==> flow/design.v <==
module my_mem_stage #(
    parameter WORDS = 8,
    parameter WD = 6,
    parameter AW = $clog2(WORDS)
) (
    input wire core_clk,
    input wire rstn,
    input wire valid,
    input wire [AW-1:0] addr_in,
    input wire wr_en_in,
    input wire [WD-1:0] write_data_in,
    output wire [WD-1:0] dout_out
);
    reg [AW-1:0] addr_s;
    always @(posedge core_clk or negedge rstn) begin
        if (~rstn) begin
            addr_s <= 0;
        end else if (valid) begin
            addr_s <= addr_in;
        end
    end
    reg wr_en_s;
    always @(posedge core_clk or negedge rstn) begin
        if (~rstn) begin
            wr_en_s <= 1'b0;
        end else if (valid) begin
            wr_en_s <= wr_en_in;
        end
    end
    reg [WD-1:0] write_data_s;
    always @(posedge core_clk or negedge rstn) begin
        if (~rstn) begin
            write_data_s <= 0;
        end else if (valid) begin
            write_data_s <= write_data_in;
        end
    end
    reg [WD-1:0] ram [0:WORDS-1];
    always @(posedge core_clk)
        if (valid && wr_en_s) ram[addr_s] <= write_data_s;
    assign dout_out = wr_en_s ? write_data_s : ram[addr_s];
endmodule
==> Reports on my_mem_stage <==
The steps from the RTL of my_mem_stage to its reports follow in flow order.
Line numbers count from 1 in the design file above.
Operators carry their Yosys type and port widths (W data, S select, Z words).
Cell names lack the library's common part.
{ "design": {"top_module": "my_mem_stage", "clock_port": "core_clk", "lib": "sky130hd", "pvt_corner": "tt_025C_1v80"} }

==> Word level <==
Yosys after proc, flatten, opt, wreduce and memory -nomap, before mapping. Enables and synchronous resets that opt folds into registers are not counted as muxes. Memory bits, and registers merged into a memory's read port (data or address), are not among the register bits. Print and check cells are not counted. Equal cells are merged and count once.
Yosys's memory passes give these memory sizes; they may raise the number of words (mostly to a power of two), join words into wider ones and drop unused or constant bits.
{ "op_classes": {"n_addsub": 0, "multipliers": 0, "div": 0, "n_cmp": 0, "eq_ne": 0, "n_shift": 0, "n_mux": 4, "logic": 0, "reduce_logical": 1} }
{ "op_table": {"columns": ["cell", "n"], "rows": [
  ["$mux W6", 2],
  ["$mux W3", 1],
  ["$logic_and A1 B1 Y1", 1],
  ["$mux W1", 1]
]} }
{ "bits": {"reg_bits": 10, "latch_bits": 0, "ram_bits": 48, "romBits": 0, "clocked_rd_ports_x_width": 0, "memories": 1, "input_bits": 13, "output_inout_bits": 6, "elab_cells": 9} }
{ "memory_table": {"columns": ["name", "size", "word_bits", "read_ports", "wr", "line", "source"], "rows": [
  ["ram", 8, 6, 1, 1, 38, "reg [WD-1:0] ram [0:WORDS-1];"]
]} }

==> Depth <==
Depth = most cells in a row (Yosys ltp): at word level without a register or memory, in the mapped netlist without a sequential cell, where the memories' decode and read muxes count.
{ "logic_depth": {"depth_word": 2, "ABC_AREA": 0, "mapped_depth": 6, "ltp_nobuf": 4} }

==> Mapped cells and area <==
The flow's flattened synthesis, as Yosys stat reports it; memories are mapped. The netlist is that of the ABC_AREA named above (0 if unset); the other value can give another one.
Totals and module areas in this step are rounded.
{ "types": {"columns": ["type", "n", "area_total_um2"], "rows": [
  ["edfxtp_1", 48, 1.44E+03],
  ["dfrtp_1", 10, 250.24],
  ["mux2_2", 11, 123.869],
  ["mux2i_1", 12, 120.115],
  ["nand2_1", 9, 33.782],
  ["a21oi_1", 6, 30.029],
  ["nand3b_1", 4, 30.029],
  ["nor2_1", 8, 30.029],
  ["o211ai_1", 4, 30.029],
  ["buf_2", 5, 25.024],
  ["nand3_1", 5, 25.024],
  ["mux2_1", 2, 22.522],
  ["a221o_1", 2, 20.019],
  ["buf_12", 1, 20.019],
  ["o21ai_0", 4, 20.019],
  ["a2bb2oi_1", 2, 17.517],
  ["nand2b_1", 2, 12.512],
  ["o22ai_1", 2, 12.512]
]} }
Other cell types: 12; their cells: 17.
{ "mapped": {"cells": 154, "area_um2": 2370, "seqArea_um2": 1690, "flip_flops": 58, "buf_cells": 9} }

==> Path before layout <==
Path of least setup slack by OpenSTA after synthesis, without wires, with an ideal clock, recovery checks aside; 20% of the period is set as input and as output delay. Where synthesis merged equal registers, the netlist keeps one of their names.
{ "synth_timing": {"path_type": "reg2reg", "startpoint": "reg addr_s[2]", "endpoint": "mem ram[0][0]", "period_ns": 2.21, "setup_ns": 0.377, "t_first_pin_ns": 0.000, "arrival_time_ns": 1.394, "t_required_ns": 1.833, "setup_slack_ns": 0.439, "delay_ns": 1.771, "path_stages": 5, "n_path_buf": 2, "synth_period_reached_ns": 1.771} }
"delay_ns" is the arrival time less input delay plus setup time.
"path_stages": output pins that drive a net of the path, with the launching flip-flop's if there is one; two outputs of one cell count as two.
"synth_period_reached_ns" = period - worst setup slack (recovery checks aside). The figure is calculated, with input and output delays left at 20% of the set period.
Between the ends stands the longest chain of elaborated cells between them, by number of cells; it is not shown to be the way that was timed. Of several equally long chains one is given.
Each line given opens the expression or statement behind the cell; cells for indexed reads and writes are added by Yosys, which also makes memories of some case tables.
{ "synth_between": {"cell_sequence": "dfrtp_1 > buf_6 > buf_2 > nand3b_1 > nor3_1", "elab_chain_len": 1, "cone_cells": 1, "cone_lines": 1, "cone_classes": "mux (1)"} }
{ "synth_lines": {"columns": ["item", "line", "source"], "rows": [
  ["start: declaration", 14, "reg [AW-1:0] addr_s;"],
  ["start: assignment", 17, "addr_s <= 0;"],
  ["start: assignment", 19, "addr_s <= addr_in;"],
  ["$mux W3", 40, "if (valid && wr_en_s) ram[addr_s] <= write_data_s;"],
  ["end: declaration", 38, "reg [WD-1:0] ram [0:WORDS-1];"]
]} }

==> Path in the finished layout <==
Path of least setup slack in the final report of run 2 (OpenROAD, finished layout, wires in). Where an end is a register, its clock arrival counts in the times.
{ "layout_timing": {"path_type": "reg2out", "startpoint": "reg addr_s[1]", "endpoint": "out dout_out[1]", "period_ns": 2.21, "output_delay_ns": 0.44, "t_first_pin_ns": 0.33, "arrival_time_ns": 1.78, "t_required_ns": 1.77, "setup_slack_ns": -0.01, "path_stages": 7, "n_path_buf": 2} }
Between the ends stands the longest chain of elaborated cells between them, by number of cells; it is not shown to be the way that was timed. Of several equally long chains one is given.
A memory read counts as a cell of the chain, while the word-level depth stops at memories.
{ "layout_between": {"cell_sequence": "dfrtp_2 > buf_6 > or3b_4 > a21oi_2 > a211oi_2 > a2bb2oi_2 > buf_2", "elab_chain_len": 2, "cone_cells": 2, "cone_lines": 2, "cone_classes": "mux (1); memory (1)"} }
{ "layout_lines": {"columns": ["item", "line", "source"], "rows": [
  ["start: declaration", 14, "reg [AW-1:0] addr_s;"],
  ["start: assignment", 17, "addr_s <= 0;"],
  ["start: assignment", 19, "addr_s <= addr_in;"],
  ["$mem_v2 Z8 W6", 38, "reg [WD-1:0] ram [0:WORDS-1];"],
  ["$mux W6", 41, "assign dout_out = wr_en_s ? write_data_s : ram[addr_s];"],
  ["end: declaration", 12, "output wire [WD-1:0] dout_out"]
]} }

Subject: flow runs of my_mem_stage

Hi,

Top module my_mem_stage; platform sky130hd; tools Yosys and OpenROAD; 3 stored runs in no particular order. Input and output delays are each 20% of the period that was set; the output load is 0.01 pF.
"reached clock period" = clock period - worst setup slack. The figure is calculated, with input and output delays left at 20% of the set period.
By "time on the worst setup path" is meant the share of the clock period that the worst setup path is allowed (20% is reserved at inputs, 20% at outputs), minus its slack. Clock arrival times at its registers enter into it.
"power consumption" is the tool's figure for a default switching activity; nothing was simulated.
Results are given in rounded form.

==> run 1: settings <==
{ "period_ns": 2.24, "CORE_UTILIZATION": 62, "PLACE_DENSITY_LB_ADDON": 0.2, "HOLD_SLACK_MARGIN": 0.29, "CORE_ASPECT_RATIO": 0.5, "CORE_MARGIN": 9, "CELL_PAD_IN_SITES_DETAIL_PLACEMENT": 2, "TNS_END_PERCENT": 35, "ABC_AREA": 1, "GPL_TIMING_DRIVEN": 0, "GPL_ROUTABILITY_DRIVEN": 1, "CTS_CLUSTER_SIZE": 65, "SLEW_MARGIN": 0, "MIN_ROUTING_LAYER": "met1", "MAX_ROUTING_LAYER": "met4", "CAP_MARGIN": 20 }
==> run 1: results <==
did not finish, placement stopped with DPL-0033

==> run 2: settings <==
{ "period_ns": 2.21, "CAP_MARGIN": 20, "CORE_MARGIN": 2, "CORE_UTILIZATION": 40, "SLEW_MARGIN": 20 }
==> run 2: results <==
die area: 6560 um2
reached clock period: 2.222 ns
standard-cell area after routing: 3130 um2
power consumption: 0.00246 W
time on the worst setup path: 1.78 ns
worst setup path type: reg2out
synthesized cell area: 2370 um2
post-layout utilization: 53.8 %
sum of negative setup slack: -0.012 ns
worst setup slack after layout: -0.012 ns

==> run 3: settings <==
{ "period_ns": 1.81, "CORE_UTILIZATION": 70, "SETUP_SLACK_MARGIN": -0.12, "PLACE_DENSITY": 0.53, "CORE_ASPECT_RATIO": 0.63, "CELL_PAD_IN_SITES_GLOBAL_PLACEMENT": 2, "TNS_END_PERCENT": 20, "ABC_AREA": 0, "GPL_TIMING_DRIVEN": 0, "GPL_ROUTABILITY_DRIVEN": 1, "CAP_MARGIN": 20, "CORE_MARGIN": 2, "SLEW_MARGIN": 20 }
==> run 3: results <==
did not finish, placement stopped with GPL-0301

Regards
